==> flow/design.v <==
module core_diff_unit_p #(
   parameter DW = 48
) (
   input logic CLK,
   input logic ce,
   input logic [DW-1:0] first_i,
   input logic [DW-1:0] second_i,
   input logic op_i,
   output logic [DW-1:0] q_o,
   output logic carry_out_o
);
   logic [DW-1:0] cur;
   logic [DW:0] cc;
   assign cc[0] = op_i;
   generate
      for (genvar g = 0; g < DW; g++) begin : blk
         core_diff_unit_p_fa inst (.a(first_i[g]), .b(second_i[g] ^ op_i), .ci(cc[g]), .s(cur[g]), .co(cc[g+1]));
      end
   endgenerate
   logic [DW-1:0] q_reg;
   always_ff @(posedge CLK) begin
      if (ce) begin
         q_reg <= cur;
      end
   end
   assign q_o = q_reg;
   logic carry_out_reg;
   always_ff @(posedge CLK) begin
      if (ce) begin
         carry_out_reg <= cc[DW];
      end
   end
   assign carry_out_o = carry_out_reg;
endmodule
module core_diff_unit_p_fa (
   input logic a,
   input logic b,
   input logic ci,
   output logic s,
   output logic co
);
   assign s = a ^ b ^ ci;
   assign co = (a & b) | (ci & (a ^ b));
endmodule
Tool chain data of core_diff_unit_p
Tool output for the design above, in the order of the flow.
Lines are those of the file above, counted from 1.
Operators: Yosys type, input widths -> output width; for muxes data width and select width s.
Cell names lack the library's common part.
A cell with - has no value.
Inputs
  design top: core_diff_unit_p
  clock input: CLK
  cell library: sky130hd
  timing corner: tt_025C_1v80

After elaboration
Source: Yosys, flattened and elaborated, memories not mapped. Widths are those after wreduce; folded enables and synchronous resets count as part of the registers. Registers that Yosys merges into a memory's read port (data or address) are not register bits. Print and check cells do not count. Equal cells are merged and count once.
Bit counts
  flip-flop bits (word level): 49
  output and inout port bits: 49
  cells after elaboration: 290
Cells by class
  bitwise operators: 288
Operators with widths (count)
  $xor 1x1->1: 144
  $and 1x1->1: 96
  $or 1x1->1: 48

Logic depth
Yosys ltp: most cells in a row. Word level: on the elaborated netlist, between registers, memories and ports. Mapped: between sequential cells and ports; inverters and the memories' decode and read muxes count.
Depth
  depth in word-level cells: 98
  ABC_AREA: 0
  gate-level depth with buffers: 54
  mapped depth without buffers: 51

Netlist
Yosys stat after the flow's synthesis: flattened, memories mapped to cells. It holds for the ABC_AREA given above (unset counts as 0); a run with the other value may have another netlist.
Cells by type
  edfxtp_1: count 49, area in all 1.47E+03 um2
  fa_1: count 47, area in all 940.902 um2
  xnor2_1: count 44, area in all 385.37 um2
  inv_1: count 93, area in all 349.085 um2
  buf_8: count 3, area in all 45.043 um2
  xor2_1: count 3, area in all 26.275 um2
  xnor2_2: count 1, area in all 16.266 um2
  buf_4: count 2, area in all 15.014 um2
  buf_6: count 1, area in all 11.261 um2
  mux2i_1: count 1, area in all 10.01 um2
Mapped netlist
  standard cells after synthesis: 244
  synthesis area: 3270.6 um2
  sequential part of the area: 1471.4 um2
  mapped flip-flops: 49
  buffer cells: 6
The figures by module come from a second, unflattened synthesis with its own total; it is not the netlist above.
Unflattened totals
  cells (unflattened synthesis): 151
  area (unflattened synthesis): 2935.3 um2
Each row is one instance without its submodules.
By module
  core_diff_unit_p: instances 1, cells 103, area 1974.4 um2, seq. area 1471.4 um2
  core_diff_unit_p_fa: instances 48, cells 1, area 20.0 um2, seq. area 0.0 um2

Timing after synthesis
OpenSTA on the mapped netlist: ideal clock, no wires. The path of least setup slack (recovery checks aside). Input and output delay are each 20% of the period. Register names are those of the netlist, which keeps one name where synthesis merged equal registers.
Timing path after synthesis
  path kind: in2reg
  start: input port op_i
  end: register q_reg[47]
  period: 30.2 ns
  external input delay: 6.040 ns
  library setup time: 0.269 ns
  launch time at the first pin: 6.040 ns
  arrival: 25.091 ns
  required time: 29.931 ns
  slack: 4.840 ns
  delay of the path: 19.320 ns
  stages: 54
  period reached after synthesis: 25.36 ns
"delay of the path" = arrival - input delay + setup time.
"stages": output pins that drive a net of the path, with the launching flip-flop's if there is one; two outputs of one cell count as two.
"period reached after synthesis" = period - worst setup slack (recovery checks aside). The figure is calculated, with input and output delays left at 20% of the set period.
Between the ends stands the longest chain of elaborated cells between them, by number of cells; it is not shown to be the way that was timed. Of several equally long chains one is given.
A line is the first line of the expression or statement that the cell stems from. Yosys adds cells for indexed reads and writes and turns some case tables into memories.
On the way, after synthesis
  path through: buf_6 -> buf_8 -> buf_8 -> mux2i_1 -> fa_1 -> fa_1 -> fa_1 -> fa_1 -> fa_1 -> fa_1 -> fa_1 -> fa_1 -> inv_1 -> fa_1 -> inv_1 -> fa_1 -> fa_1 -> fa_1 -> (+18 left out) -> fa_1 -> fa_1 -> fa_1 -> fa_1 -> fa_1 -> fa_1 -> fa_1 -> fa_1 -> fa_1 -> fa_1 -> fa_1 -> fa_1 -> fa_1 -> fa_1 -> fa_1 -> fa_1 -> inv_1 -> fa_1
  length of the longest elaborated chain: 97
  elaborated cells on any way between the ends: 238
  those cells by class: 238 x logic
Ends and longest elaborated chain, after synthesis
  from (decl): line 8  | input logic op_i,
  $xor 1x1->1: line 17  | core_diff_unit_p_fa inst (.a(first_i[g]), .b(second_i[g] ^ op_i), .ci(cc[g]), .s(cur[g]), .co(cc[g+1]));
  $xor 1x1->1: line 43  | assign co = (a & b) | (ci & (a ^ b));
  $and 1x1->1: line 43
  $or 1x1->1: line 43
  $and 1x1->1: line 43
  $or 1x1->1: line 43
  $and 1x1->1: line 43
  (+83 left out)
  $and 1x1->1: line 43
  $or 1x1->1: line 43
  $and 1x1->1: line 43
  $or 1x1->1: line 43
  $and 1x1->1: line 43
  $or 1x1->1: line 43
  $xor 1x1->1: line 42  | assign s = a ^ b ^ ci;
  to (assign): line 23  | q_reg <= cur;
  to (decl): line 20  | logic [DW-1:0] q_reg;

Timing after layout
Path of least setup slack in the final report of run B (OpenROAD, finished layout, wires in). Where an end is a register, its clock arrival counts in the times.
Timing path after layout
  path kind: in2reg
  start: input port second_i[0]
  end: register q_reg[47]
  period: 30.2 ns
  external input delay: 6.04 ns
  library setup time: 0.25 ns
  launch time at the first pin: 6.04 ns
  arrival: 25.78 ns
  required time: 30.26 ns
  slack: 4.47 ns
  stages: 52
Between the ends stands the longest chain of elaborated cells between them, by number of cells; it is not shown to be the way that was timed. Of several equally long chains one is given.
On the way, after layout
  path through: clkdlybuf4s50_1 -> mux2i_1 -> fa_1 -> fa_1 -> fa_1 -> fa_1 -> fa_1 -> fa_1 -> fa_1 -> fa_1 -> inv_1 -> fa_1 -> inv_1 -> fa_1 -> fa_1 -> fa_1 -> fa_1 -> fa_1 -> (+16 left out) -> fa_1 -> fa_1 -> fa_1 -> fa_1 -> fa_1 -> fa_1 -> fa_1 -> fa_1 -> fa_1 -> fa_1 -> fa_1 -> fa_1 -> fa_1 -> fa_1 -> fa_1 -> fa_1 -> inv_1 -> fa_1
  length of the longest elaborated chain: 97
  elaborated cells on any way between the ends: 98
  those cells by class: 98 x logic
Ends and longest elaborated chain, after layout
  from (decl): line 7  | input logic [DW-1:0] second_i,
  $xor 1x1->1: line 17  | core_diff_unit_p_fa inst (.a(first_i[g]), .b(second_i[g] ^ op_i), .ci(cc[g]), .s(cur[g]), .co(cc[g+1]));
  $xor 1x1->1: line 43  | assign co = (a & b) | (ci & (a ^ b));
  $and 1x1->1: line 43
  $or 1x1->1: line 43
  $and 1x1->1: line 43
  $or 1x1->1: line 43
  $and 1x1->1: line 43
  (+83 left out)
  $and 1x1->1: line 43
  $or 1x1->1: line 43
  $and 1x1->1: line 43
  $or 1x1->1: line 43
  $and 1x1->1: line 43
  $or 1x1->1: line 43
  $xor 1x1->1: line 42  | assign s = a ^ b ^ ci;
  to (assign): line 23  | q_reg <= cur;
  to (decl): line 20  | logic [DW-1:0] q_reg;

Stored flow runs of core_diff_unit_p (3 of them; Yosys, OpenROAD, sky130hd). They differ in their settings and are not a sequence. Constraints: input delay and output delay 20% of the set period each, output load 0.01 pF.
"achieved clock period (ns)" is the run's clock period less its worst setup slack. It is reckoned from that one timing run; input and output delays stay at 20% of the period that was set.
By "worst setup path time (ns)" is meant the share of the clock period that the worst setup path is allowed (20% is reserved at inputs, 20% at outputs), minus its slack. Clock arrival times at its registers enter into it.
"finish__power__total" is the tool's figure for a default switching activity; nothing was simulated.

settings of run A
{
  "period_ns": 15.4,
  "CORE_UTILIZATION": 70,
  "PLACE_DENSITY_LB_ADDON": 0.27,
  "CORE_MARGIN": 9,
  "CAP_MARGIN": 5,
  "MIN_ROUTING_LAYER": "met1",
  "SLEW_MARGIN": 20
}
report of run A: did not finish, place, FLW-0024

settings of run B
{
  "period_ns": 30.2,
  "CAP_MARGIN": 20,
  "CORE_MARGIN": 2,
  "CORE_UTILIZATION": 40,
  "SLEW_MARGIN": 20
}
report of run B
yosys chip area after synthesis (um^2): 3270.6
finish__design__die__area: 8916.1
finish__design__instance__area__stdcell: 4889.7
finish__design__instance__utilization: 0.6263
finish__timing__setup__ws: 4.475
finish__timing__setup__tns: 0.000
finish__timing__hold__ws: 6.256
finish__power__total: 2.228e-04
achieved clock period (ns): 25.725
worst setup path time (ns): 19.69
worst setup path kind: in2reg

settings of run C
{
  "period_ns": 27.8,
  "CORE_UTILIZATION": 44,
  "SETUP_SLACK_MARGIN": 5.0,
  "PLACE_DENSITY": 0.37,
  "CORE_ASPECT_RATIO": 0.67,
  "CORE_MARGIN": 9,
  "CELL_PAD_IN_SITES_GLOBAL_PLACEMENT": 3,
  "TNS_END_PERCENT": 95,
  "ABC_AREA": 1,
  "SLEW_MARGIN": 10,
  "MIN_ROUTING_LAYER": "met1",
  "CAP_MARGIN": 20
}
report of run C: did not finish, place, GPL-0301
